==> flow/design.v <==
module mul_unit #(
   parameter BITS = 5,
   parameter K = 10
) (
   input  wire ck,
   input  wire i_rst,
   input  wire en,
   input  wire [BITS-1:0] da,
   input  wire [K-1:0] db,
   output wire [BITS+K-1:0] res
);
   reg [BITS+K-1:0] res_s;
   always @(posedge ck or posedge i_rst) begin
      if (i_rst) begin
         res_s <= 0;
      end else if (en) begin
         res_s <= da * db;
      end
   end
   assign res = res_s;
endmodule
**Tool chain data of mul_unit**

The steps from the RTL of mul_unit to its reports follow in flow order.
Line numbers count from 1 in the design file above.
Cell names lack the library's common part.
The mark n/a stands for no value.

- Top module: mul_unit
- Clock port: ck
- Standard-cell library: sky130hd
- Timing corner: tt_025C_1v80

**Elaborated design**

Source: Yosys, flattened and elaborated, memories not mapped. Widths are those after wreduce; folded enables and synchronous resets count as part of the registers. Registers that Yosys merges into a memory's read port (data or address) are not register bits. Print and check cells do not count. Equal cells are merged and count once.

- Register bits after elaboration: 15
- Bits in latches: 0
- Memory bits (writable): 0
- ROM bits: 0
- Word width x clocked read ports: 0
- Memories: 0
- Output and inout bits: 15

- $add $sub $neg: 0
- $mul: 1
- Div/mod/pow operators: 0
- $lt $le $gt $ge: 0
- Equal/unequal tests: 0
- Shifts and indexed selects: 0
- Muxes and demuxes: 0
- Bitwise gates (word level): 0
- Reductions and logical operators: 0

Operators with widths:

| kind | count |
|---|---|
| 5-bit by 10-bit multiplier with 15-bit output | 1 |

**Longest topological paths**

Longest topological path by Yosys (ltp), each cell counted once; first at word level (registers and memories cut), then after technology mapping (sequential cells cut; the memories' decode and read muxes count).

- Depth in word-level cells: 1
- ABC_AREA: 0
- Mapped depth: 12
- Depth with buffers taken out: 12

**Netlist**

Yosys stat after the flow's synthesis: flattened, memories mapped to cells. It holds for the ABC_AREA given above (unset counts as 0); a run with the other value may have another netlist.

- Cell count: 225
- Mapped area: 2102.0 um2
- Sequential area: 375.4 um2
- Flip-flop cells: 15
- Buffer cells: 4

Cells by type:

| type | count | area in all (um2) |
|---|---|---|
| fa_1 | 24 | 480.461 |
| dfrtp_1 | 15 | 375.36 |
| ha_1 | 23 | 287.776 |
| and2_1 | 34 | 212.704 |
| nand2_1 | 28 | 105.101 |
| inv_1 | 27 | 101.347 |
| a21oi_1 | 18 | 90.086 |
| mux2_2 | 7 | 78.826 |
| o211ai_2 | 3 | 37.536 |
| nand3_1 | 6 | 30.029 |
| xnor2_1 | 3 | 26.275 |
| a211oi_2 | 2 | 25.024 |
| o21ai_0 | 5 | 25.024 |
| xor2_1 | 2 | 17.517 |
| a21oi_4 | 1 | 16.266 |
| o311ai_2 | 1 | 16.266 |
| a21o_1 | 2 | 15.014 |
| buf_2 | 3 | 15.014 |

Other cell types: 16; their cells: 21.

**Timing after synthesis**

Source: OpenSTA report_checks on the synthesized netlist (no wires, ideal clock, input and output delay 20% of the period each), path of least setup slack; recovery checks are left aside. Register names are those of the netlist, which keeps one name where synthesis merged equal registers.

- Kind: input-to-reg
- Start: input db[1]
- End: register res_s[8]
- Period: 4740 ps
- Input delay: 948 ps
- Data arrival time: 3854 ps
- Required time: 4615 ps
- Slack: 761 ps
- Delay of the path: 3031 ps
- Driving pins on the path: 11
- Buffers on the path: 0
- Period reached after synthesis: 3979 ps

"delay of the path" is the arrival time less input delay plus setup time.
"driving pins on the path": output pins that drive a net of the path, with the launching flip-flop's if there is one; two outputs of one cell count as two.
"period reached after synthesis" = period - worst setup slack (recovery checks aside). The figure is calculated, with input and output delays left at 20% of the set period.
The rows between start and end are the longest chain of elaborated cells between them; the timing report does not say that the signal goes this way. Where chains are equally long, one stands for them.
A line is the first line of the expression or statement that the cell stems from. Yosys adds cells for indexed reads and writes and turns some case tables into memories.

- Path through: and2_1 > fa_1 > fa_1 > inv_1 > fa_1 > inv_1 > ha_1 > o211ai_1 > o21ai_0 > xor2_1 > mux2_2
- Length of the longest elaborated chain: 1
- Elaborated cells on any way between the ends: 1
- Source lines of those cells: 1
- Classes of those cells: mul: 1

RTL lines, path after synthesis:

| item | line | text |
|---|---|---|
| start: declaration | 9 | `input  wire [K-1:0] db,` |
| 5-bit by 10-bit multiplier with 15-bit output | 17 | `res_s <= da * db;` |
| end: assignment | 15 | `res_s <= 0;` |
| end: assignment | 17 |  |
| end: declaration | 12 | `reg [BITS+K-1:0] res_s;` |

**Worst path after layout**

Path of least setup slack in the final report of run 2 (OpenROAD, finished layout, wires in). Where an end is a register, its clock arrival counts in the times.
The path's times are printed in steps of 10 ps; the period is the one set.

- Kind: input-to-reg
- Start: input da[4]
- End: register res_s[8]
- Period: 4740 ps
- Input delay: 950 ps
- Data arrival time: 4550 ps
- Required time: 4870 ps
- Slack: 330 ps
- Driving pins on the path: 12
- Buffers on the path: 1

The rows between start and end are the longest chain of elaborated cells between them; the timing report does not say that the signal goes this way. Where chains are equally long, one stands for them.

- Path through: clkdlybuf4s50_1 > and2_1 > fa_1 > fa_1 > inv_1 > fa_1 > inv_1 > ha_1 > o211ai_1 > o21ai_0 > xor2_1 > mux2_2
- Length of the longest elaborated chain: 1
- Elaborated cells on any way between the ends: 1
- Source lines of those cells: 1
- Classes of those cells: mul: 1

RTL lines, path after layout:

| item | line | text |
|---|---|---|
| start: declaration | 8 | `input  wire [BITS-1:0] da,` |
| 5-bit by 10-bit multiplier with 15-bit output | 17 | `res_s <= da * db;` |
| end: assignment | 15 | `res_s <= 0;` |
| end: assignment | 17 |  |
| end: declaration | 12 | `reg [BITS+K-1:0] res_s;` |

Memo
Re: implementation data of mul_unit

Flow measurements of mul_unit on sky130hd: 3 stored runs with different settings, listed in no order. Input and output delays are each 20% of the period that was set; the output load is 0.01 pF.
"achieved clock period" = clock period - worst setup slack. The figure is calculated, with input and output delays left at 20% of the set period.
"time of the worst setup path" is the time allowed to the run's worst setup path (the clock period less input and output delay, where it has them) less its slack. Clock arrival times count: a late capture clock shortens it, a late launch clock lengthens it.
"overall power": no workload was simulated; the value follows from the tool's default switching activity.
"time of the worst setup path" is given in steps of 10 ps.

### Run 1

==> flow/run.sh <==
#!/bin/bash
# the make line also repeats the synthesis and layout settings of config.mk as NAME=value (left out here)
make -C /OpenROAD-flow-scripts/flow DESIGN_CONFIG=/design/flow/config.mk WORK_HOME=/design/flow/orfs CLKGATE_MAP_FILE= finish
==> flow/config.mk <==
export PLATFORM = sky130hd
export DESIGN_NAME = mul_unit
export DESIGN_NICKNAME = mul_unit
export VERILOG_FILES = /design/flow/design.v
export SDC_FILE = /design/flow/constraint.sdc
export NUM_CORES = 4
export LEC_CHECK = 0
export ABC_AREA = 1
export CAP_MARGIN = 20
export CORE_ASPECT_RATIO = 0.82
export CORE_MARGIN = 2
export CORE_UTILIZATION = 72
export CTS_CLUSTER_SIZE = 17
export PLACE_DENSITY = 0.62
export SETUP_SLACK_MARGIN = 0.68
export SLEW_MARGIN = 20
==> flow/constraint.sdc <==
create_clock -name core_clock -period 2.82 [get_ports {ck}]
set_input_delay 0.5640 -clock core_clock [delete_from_list [all_inputs] [get_ports {ck}]]
set_output_delay 0.5640 -clock core_clock [all_outputs]
set_load 0.01 [all_outputs]

Outcome of run 1: no final report: placement broke off with a tool error

### Run 2

==> flow/run.sh <==
#!/bin/bash
# the make line also repeats the synthesis and layout settings of config.mk as NAME=value (left out here)
make -C /OpenROAD-flow-scripts/flow DESIGN_CONFIG=/design/flow/config.mk WORK_HOME=/design/flow/orfs CLKGATE_MAP_FILE= finish
==> flow/config.mk <==
export PLATFORM = sky130hd
export DESIGN_NAME = mul_unit
export DESIGN_NICKNAME = mul_unit
export VERILOG_FILES = /design/flow/design.v
export SDC_FILE = /design/flow/constraint.sdc
export NUM_CORES = 4
export LEC_CHECK = 0
export CAP_MARGIN = 20
export CORE_MARGIN = 2
export CORE_UTILIZATION = 40
export SLEW_MARGIN = 20
==> flow/constraint.sdc <==
create_clock -name core_clock -period 4.74 [get_ports {ck}]
set_input_delay 0.9480 -clock core_clock [delete_from_list [all_inputs] [get_ports {ck}]]
set_output_delay 0.9480 -clock core_clock [all_outputs]
set_load 0.01 [all_outputs]

Results of run 2:
- Worst hold slack in the final report: 496 ps
- Setup total negative slack: 0 ps
- Achieved clock period: 4413 ps
- Standard-cell area after layout: 2620.0 um2
- Die footprint: 5850.7 um2
- Post-synthesis cell area: 2102.0 um2
- Time of the worst setup path: 3460 ps
- Worst path kind: input-to-reg
- Utilization after routing: 51.6%
- Overall power: 0.8758 mW
- Lowest setup slack: 327 ps

### Run 3

==> flow/run.sh <==
#!/bin/bash
# the make line also repeats the synthesis and layout settings of config.mk as NAME=value (left out here)
make -C /OpenROAD-flow-scripts/flow DESIGN_CONFIG=/design/flow/config.mk WORK_HOME=/design/flow/orfs CLKGATE_MAP_FILE= finish
==> flow/config.mk <==
export PLATFORM = sky130hd
export DESIGN_NAME = mul_unit
export DESIGN_NICKNAME = mul_unit
export VERILOG_FILES = /design/flow/design.v
export SDC_FILE = /design/flow/constraint.sdc
export NUM_CORES = 4
export LEC_CHECK = 0
export CAP_MARGIN = 5
export CELL_PAD_IN_SITES_DETAIL_PLACEMENT = 2
export CORE_MARGIN = 2
export CORE_UTILIZATION = 60
export CTS_CLUSTER_DIAMETER = 96
export GPL_ROUTABILITY_DRIVEN = 0
export MIN_ROUTING_LAYER = met1
export PLACE_DENSITY_LB_ADDON = 0.28
export SLEW_MARGIN = 20
export TNS_END_PERCENT = 55
==> flow/constraint.sdc <==
create_clock -name core_clock -period 5.51 [get_ports {ck}]
set_input_delay 1.1020 -clock core_clock [delete_from_list [all_inputs] [get_ports {ck}]]
set_output_delay 1.1020 -clock core_clock [all_outputs]
set_load 0.01 [all_outputs]

Outcome of run 3: no final report: placement broke off with DPL-0033
